==> flow/design.v <==
module times_top (clk_i, aresetn, lhs, rhs, prod);
  parameter integer W = 10;
  parameter integer COUNT = 3;
  localparam integer RW = 2*W + $clog2(COUNT);
  input clk_i;
  input aresetn;
  input [COUNT*W-1:0] lhs;
  input [COUNT*W-1:0] rhs;
  output [RW-1:0] prod;
  reg [RW-1:0] t;
  integer k;
  always @* begin
    t = 0;
    for (k = 0; k < COUNT; k = k + 1)
      t = t + lhs[k*W +: W] * rhs[k*W +: W];
  end
  reg [RW-1:0] prod_r;
  always @(posedge clk_i or negedge aresetn) begin
    if (~aresetn) begin
      prod_r <= 0;
    end else begin
      prod_r <= t;
    end
  end
  assign prod = prod_r;
endmodule
Lab notebook: times_top

* Reports on times_top
Module times_top in several versions that differ in "COUNT"; each step lists the members. The file above is the member COUNT 3. Line numbers count from 1 in each member's own file. Operators: Yosys type, input widths -> output width; for muxes data width and select width s. The mark -- stands for no value.
Design: top module times_top, clock clk_i, library sky130hd, corner tt_025C_1v80

* Source of the members
New or changed lines of each further member against the RTL above, in its own file; lines it lacks are not shown.
Lines new or changed:
- COUNT 4 | RTL line 3 | parameter integer COUNT = 4;
- COUNT 5 | RTL line 3 | parameter integer COUNT = 5;
- COUNT 6 | RTL line 3 | parameter integer COUNT = 6;
- COUNT 7 | RTL line 3 | parameter integer COUNT = 7;

* Elaborated design
Counts by Yosys on the flattened word-level netlist (proc, flatten, opt, wreduce; memories kept). Register bits leave out memories and registers merged into their read ports (data or address); mux counts leave out enables and synchronous resets folded into registers. Print and check cells are left out. Cells with the same type and inputs are merged into one.
Storage and ports:
- COUNT 3 | register bits 22, output and inout bits 22, word-level cells 6
- COUNT 4 | register bits 22, output and inout bits 22, word-level cells 8
- COUNT 5 | register bits 23, output and inout bits 23, word-level cells 10
- COUNT 6 | register bits 23, output and inout bits 23, word-level cells 12
- COUNT 7 | register bits 23, output and inout bits 23, word-level cells 14
Cells by class:
- COUNT 3 | $add $sub $neg 2, multiply operators 3
- COUNT 4 | $add $sub $neg 3, multiply operators 4
- COUNT 5 | $add $sub $neg 4, multiply operators 5
- COUNT 6 | $add $sub $neg 5, multiply operators 6
- COUNT 7 | $add $sub $neg 6, multiply operators 7
Operators by type and width (kinds with counts):
- COUNT 3 | 3 x $mul 10x10->20; 1 x $add 21x20->22; 1 x $add 20x20->21
- COUNT 4 | 4 x $mul 10x10->20; 1 x $add 21x20->22; 1 x $add 22x20->22; 1 x $add 20x20->21
- COUNT 5 | 5 x $mul 10x10->20; 1 x $add 22x20->23; 1 x $add 23x20->23; 1 x $add 21x20->22; 1 x $add 20x20->21
- COUNT 6 | 6 x $mul 10x10->20; 2 x $add 23x20->23; 1 x $add 22x20->23; 1 x $add 21x20->22; 1 x $add 20x20->21
- COUNT 7 | 7 x $mul 10x10->20; 3 x $add 23x20->23; 1 x $add 22x20->23; 1 x $add 21x20->22; 1 x $add 20x20->21

* Depth
Yosys ltp: most cells in a row. Word level: on the elaborated netlist, between registers, memories and ports. Mapped: between sequential cells and ports; inverters and the memories' decode and read muxes count.
Logic depth:
- COUNT 3 | depth in word-level cells 3, ABC_AREA 0, gate-level depth with buffers 24, gate-level depth less buffers 22
- COUNT 4 | depth in word-level cells 4, ABC_AREA 0, gate-level depth with buffers 25, gate-level depth less buffers 23
- COUNT 5 | depth in word-level cells 5, ABC_AREA 0, gate-level depth with buffers 26, gate-level depth less buffers 24
- COUNT 6 | depth in word-level cells 6, ABC_AREA 0, gate-level depth with buffers 26, gate-level depth less buffers 24
- COUNT 7 | depth in word-level cells 7, ABC_AREA 0, gate-level depth with buffers 29, gate-level depth less buffers 28

* After synthesis
Yosys stat after the flow's synthesis: flattened, memories mapped to cells. It holds for the ABC_AREA given above (unset counts as 0); a run with the other value may have another netlist.
Cells by type (types with counts):
- COUNT 3 | 261 x sky130_fd_sc_hd__fa_1; 139 x sky130_fd_sc_hd__ha_1; 211 x sky130_fd_sc_hd__and2_1; 336 x sky130_fd_sc_hd__inv_1; 22 x sky130_fd_sc_hd__dfrtp_1; 104 x sky130_fd_sc_hd__nand2_1; 14 x sky130_fd_sc_hd__xnor2_1; 14 x sky130_fd_sc_hd__a21oi_1; 18 x sky130_fd_sc_hd__clkbuf_1; 6 x sky130_fd_sc_hd__a21o_1; 8 x sky130_fd_sc_hd__nor2_1; 4 x sky130_fd_sc_hd__o211ai_1; 6 x sky130_fd_sc_hd__o21ai_0; 3 x sky130_fd_sc_hd__xor2_1; 2 x sky130_fd_sc_hd__o211ai_2; 5 x sky130_fd_sc_hd__o21ai_1; 3 x sky130_fd_sc_hd__a211oi_1; 2 x sky130_fd_sc_hd__o211a_1; (+36)
- COUNT 4 | 359 x sky130_fd_sc_hd__fa_1; 165 x sky130_fd_sc_hd__ha_1; 429 x sky130_fd_sc_hd__inv_1; 245 x sky130_fd_sc_hd__and2_1; 169 x sky130_fd_sc_hd__nand2_1; 22 x sky130_fd_sc_hd__dfrtp_1; 44 x sky130_fd_sc_hd__clkbuf_1; 17 x sky130_fd_sc_hd__a21oi_1; 9 x sky130_fd_sc_hd__xnor2_1; 8 x sky130_fd_sc_hd__xor2_1; 14 x sky130_fd_sc_hd__nor2_1; 6 x sky130_fd_sc_hd__a21o_1; 4 x sky130_fd_sc_hd__o21a_1; 5 x sky130_fd_sc_hd__nand3_1; 3 x sky130_fd_sc_hd__o211ai_1; 2 x sky130_fd_sc_hd__a221o_1; 4 x sky130_fd_sc_hd__o21ai_0; 3 x sky130_fd_sc_hd__a31oi_1; (+33)
- COUNT 5 | 458 x sky130_fd_sc_hd__fa_1; 214 x sky130_fd_sc_hd__ha_1; 576 x sky130_fd_sc_hd__inv_1; 311 x sky130_fd_sc_hd__and2_1; 199 x sky130_fd_sc_hd__nand2_1; 23 x sky130_fd_sc_hd__dfrtp_1; 56 x sky130_fd_sc_hd__clkbuf_1; 13 x sky130_fd_sc_hd__a21o_1; 9 x sky130_fd_sc_hd__xnor2_1; 8 x sky130_fd_sc_hd__xor2_1; 10 x sky130_fd_sc_hd__o21ai_0; 13 x sky130_fd_sc_hd__nor2_1; 9 x sky130_fd_sc_hd__a21oi_1; 5 x sky130_fd_sc_hd__o21a_1; 4 x sky130_fd_sc_hd__a211oi_1; 5 x sky130_fd_sc_hd__nor3_1; 3 x sky130_fd_sc_hd__o21bai_1; 2 x sky130_fd_sc_hd__a221o_1; (+28)
- COUNT 6 | 558 x sky130_fd_sc_hd__fa_1; 242 x sky130_fd_sc_hd__ha_1; 666 x sky130_fd_sc_hd__inv_1; 362 x sky130_fd_sc_hd__and2_1; 250 x sky130_fd_sc_hd__nand2_1; 23 x sky130_fd_sc_hd__dfrtp_1; 64 x sky130_fd_sc_hd__clkbuf_1; 19 x sky130_fd_sc_hd__a21oi_1; 9 x sky130_fd_sc_hd__xor2_1; 7 x sky130_fd_sc_hd__xnor2_1; 5 x sky130_fd_sc_hd__nand4_1; 3 x sky130_fd_sc_hd__mux2i_1; 3 x sky130_fd_sc_hd__a21oi_2; 1 x sky130_fd_sc_hd__a221oi_4; 5 x sky130_fd_sc_hd__nand3_1; 3 x sky130_fd_sc_hd__a21o_1; 2 x sky130_fd_sc_hd__and3_4; 6 x sky130_fd_sc_hd__nor2_1; (+45)
- COUNT 7 | 660 x sky130_fd_sc_hd__fa_1; 285 x sky130_fd_sc_hd__ha_1; 818 x sky130_fd_sc_hd__inv_1; 408 x sky130_fd_sc_hd__and2_1; 304 x sky130_fd_sc_hd__nand2_1; 23 x sky130_fd_sc_hd__dfrtp_1; 85 x sky130_fd_sc_hd__clkbuf_1; 13 x sky130_fd_sc_hd__xnor2_1; 17 x sky130_fd_sc_hd__a21oi_1; 6 x sky130_fd_sc_hd__xor2_1; 5 x sky130_fd_sc_hd__a21o_1; 3 x sky130_fd_sc_hd__a31o_2; 7 x sky130_fd_sc_hd__nor2_1; 3 x sky130_fd_sc_hd__o211ai_1; 4 x sky130_fd_sc_hd__o21ai_0; 3 x sky130_fd_sc_hd__a31oi_1; 1 x sky130_fd_sc_hd__a211o_4; 1 x sky130_fd_sc_hd__o41ai_2; (+21)
The mark (+n) counts cells that are not listed.
Synthesis totals:
- COUNT 3 | cells in the netlist 1194, synthesis area 11269.6 um^2, mapped flip-flops 22
- COUNT 4 | cells in the netlist 1541, synthesis area 14481.4 um^2, mapped flip-flops 22
- COUNT 5 | cells in the netlist 1946, synthesis area 18230.0 um^2, mapped flip-flops 23
- COUNT 6 | cells in the netlist 2273, synthesis area 21528.1 um^2, mapped flip-flops 23
- COUNT 7 | cells in the netlist 2667, synthesis area 25025.3 um^2, mapped flip-flops 23

* Path before layout
Path of least setup slack by OpenSTA after synthesis, without wires, with an ideal clock, recovery checks aside; 20% of the period is set as input and as output delay. Where synthesis merged equal registers, the netlist keeps one of their names.
Timing post-synthesis:
- COUNT 3 | path kind input -> register, from in rhs[6], to reg prod_r[20], period 8.97 ns, setup slack 1.435 ns, stages 19, delay of the path 5.741 ns, synthesis period reached 7.535 ns
- COUNT 4 | path kind input -> register, from in rhs[4], to reg prod_r[21], period 9.59 ns, setup slack 1.535 ns, stages 21, delay of the path 6.137 ns, synthesis period reached 8.055 ns
- COUNT 5 | path kind input -> register, from in rhs[2], to reg prod_r[21], period 10.4 ns, setup slack 1.678 ns, stages 24, delay of the path 6.642 ns, synthesis period reached 8.722 ns
- COUNT 6 | path kind input -> register, from in lhs[3], to reg prod_r[19], period 10.1 ns, setup slack 1.630 ns, stages 22, delay of the path 6.450 ns, synthesis period reached 8.47 ns
- COUNT 7 | path kind input -> register, from in lhs[62], to reg prod_r[20], period 11.3 ns, setup slack 1.781 ns, stages 26, delay of the path 7.259 ns, synthesis period reached 9.519 ns
"delay of the path" = arrival - input delay + setup time. "stages" counts driving pins, that of a launching flip-flop among them; a cell with two outputs on the path counts twice. "synthesis period reached" = period - worst setup slack (recovery checks aside). The figure is calculated, with input and output delays left at 20% of the set period. The rows between start and end are the longest chain of elaborated cells between them; the timing report does not say that the signal goes this way. Where chains are equally long, one stands for them. Each line given opens the expression or statement behind the cell; cells for indexed reads and writes are added by Yosys, which also makes memories of some case tables.
On the way, post-synthesis, COUNT 3: length of the longest elaborated chain 3
RTL lines, path post-synthesis, COUNT 3:
- from (decl) | RTL line 8 | input [COUNT*W-1:0] rhs;
- $mul 10x10->20 | RTL line 15 | t = t + lhs[k*W +: W] * rhs[k*W +: W];
- $add 20x20->21 | RTL line 15
- $add 21x20->22 | RTL line 15
- to (assign) | RTL line 20 | prod_r <= 0;
- to (assign) | RTL line 22 | prod_r <= t;
- to (decl) | RTL line 17 | reg [RW-1:0] prod_r;
On the way, post-synthesis, COUNT 7: length of the longest elaborated chain 2
RTL lines, path post-synthesis, COUNT 7:
- from (decl) | RTL line 7 | input [COUNT*W-1:0] lhs;
- $mul 10x10->20 | RTL line 15 | t = t + lhs[k*W +: W] * rhs[k*W +: W];
- $add 23x20->23 | RTL line 15
- to (assign) | RTL line 20 | prod_r <= 0;
- to (assign) | RTL line 22 | prod_r <= t;
- to (decl) | RTL line 17 | reg [RW-1:0] prod_r;

* Worst path after layout
From the final timing report of the run of each member: the path of least setup slack in the routed layout; clock arrival at registers is part of the times.
Timing after layout:
- COUNT 3 | path kind input -> register, from in lhs[4], to reg prod_r[19], period 8.97 ns, setup slack 0.80 ns, stages 20, data arrival time 8.32 ns, path buffers 1
- COUNT 4 | path kind input -> register, from in rhs[36], to reg prod_r[21], period 9.59 ns, setup slack 1.00 ns, stages 20, data arrival time 8.69 ns, path buffers 1
- COUNT 5 | path kind input -> register, from in lhs[6], to reg prod_r[21], period 10.4 ns, setup slack 1.03 ns, stages 22, data arrival time 9.56 ns, path buffers 1
- COUNT 6 | path kind input -> register, from in lhs[45], to reg prod_r[18], period 10.1 ns, setup slack 0.76 ns, stages 21, data arrival time 9.50 ns, path buffers 1
- COUNT 7 | path kind input -> register, from in lhs[42], to reg prod_r[19], period 11.3 ns, setup slack 1.07 ns, stages 25, data arrival time 10.38 ns, path buffers 1

* Layout results
Settings and results of one run of the flow (Yosys, OpenROAD) for each member follow. The constraints put input and output delay at 20% of the set period each and load the outputs with 0.01 pF.
Flow settings: CAP_MARGIN 20, CORE_MARGIN 2, CORE_UTILIZATION 40, SLEW_MARGIN 20
Settings that differ (period_ns):
- COUNT 3 | 8.97
- COUNT 4 | 9.59
- COUNT 5 | 10.4
- COUNT 6 | 10.1
- COUNT 7 | 11.3
Results:
- COUNT 3 | Yosys chip area after synthesis 11269.6 um^2, total die area 29532.4 um^2, post-layout utilization 45.4%, smallest setup slack 0.803 ns, summed negative setup slack 0.000 ns, achieved clock period 8.167 ns
- COUNT 4 | Yosys chip area after synthesis 14481.4 um^2, total die area 37740.8 um^2, post-layout utilization 45.1%, smallest setup slack 0.999 ns, summed negative setup slack 0.000 ns, achieved clock period 8.591 ns
- COUNT 5 | Yosys chip area after synthesis 18230.0 um^2, total die area 47297.6 um^2, post-layout utilization 44.6%, smallest setup slack 1.025 ns, summed negative setup slack 0.000 ns, achieved clock period 9.375 ns
- COUNT 6 | Yosys chip area after synthesis 21528.1 um^2, total die area 55691.3 um^2, post-layout utilization 44.3%, smallest setup slack 0.760 ns, summed negative setup slack 0.000 ns, achieved clock period 9.340 ns
- COUNT 7 | Yosys chip area after synthesis 25025.3 um^2, total die area 64579.5 um^2, post-layout utilization 44.5%, smallest setup slack 1.073 ns, summed negative setup slack 0.000 ns, achieved clock period 10.227 ns
By "achieved clock period" is meant the clock period of the run minus its worst setup slack. This is arithmetic on one report: input and output delays are still those of the set period (20% each).
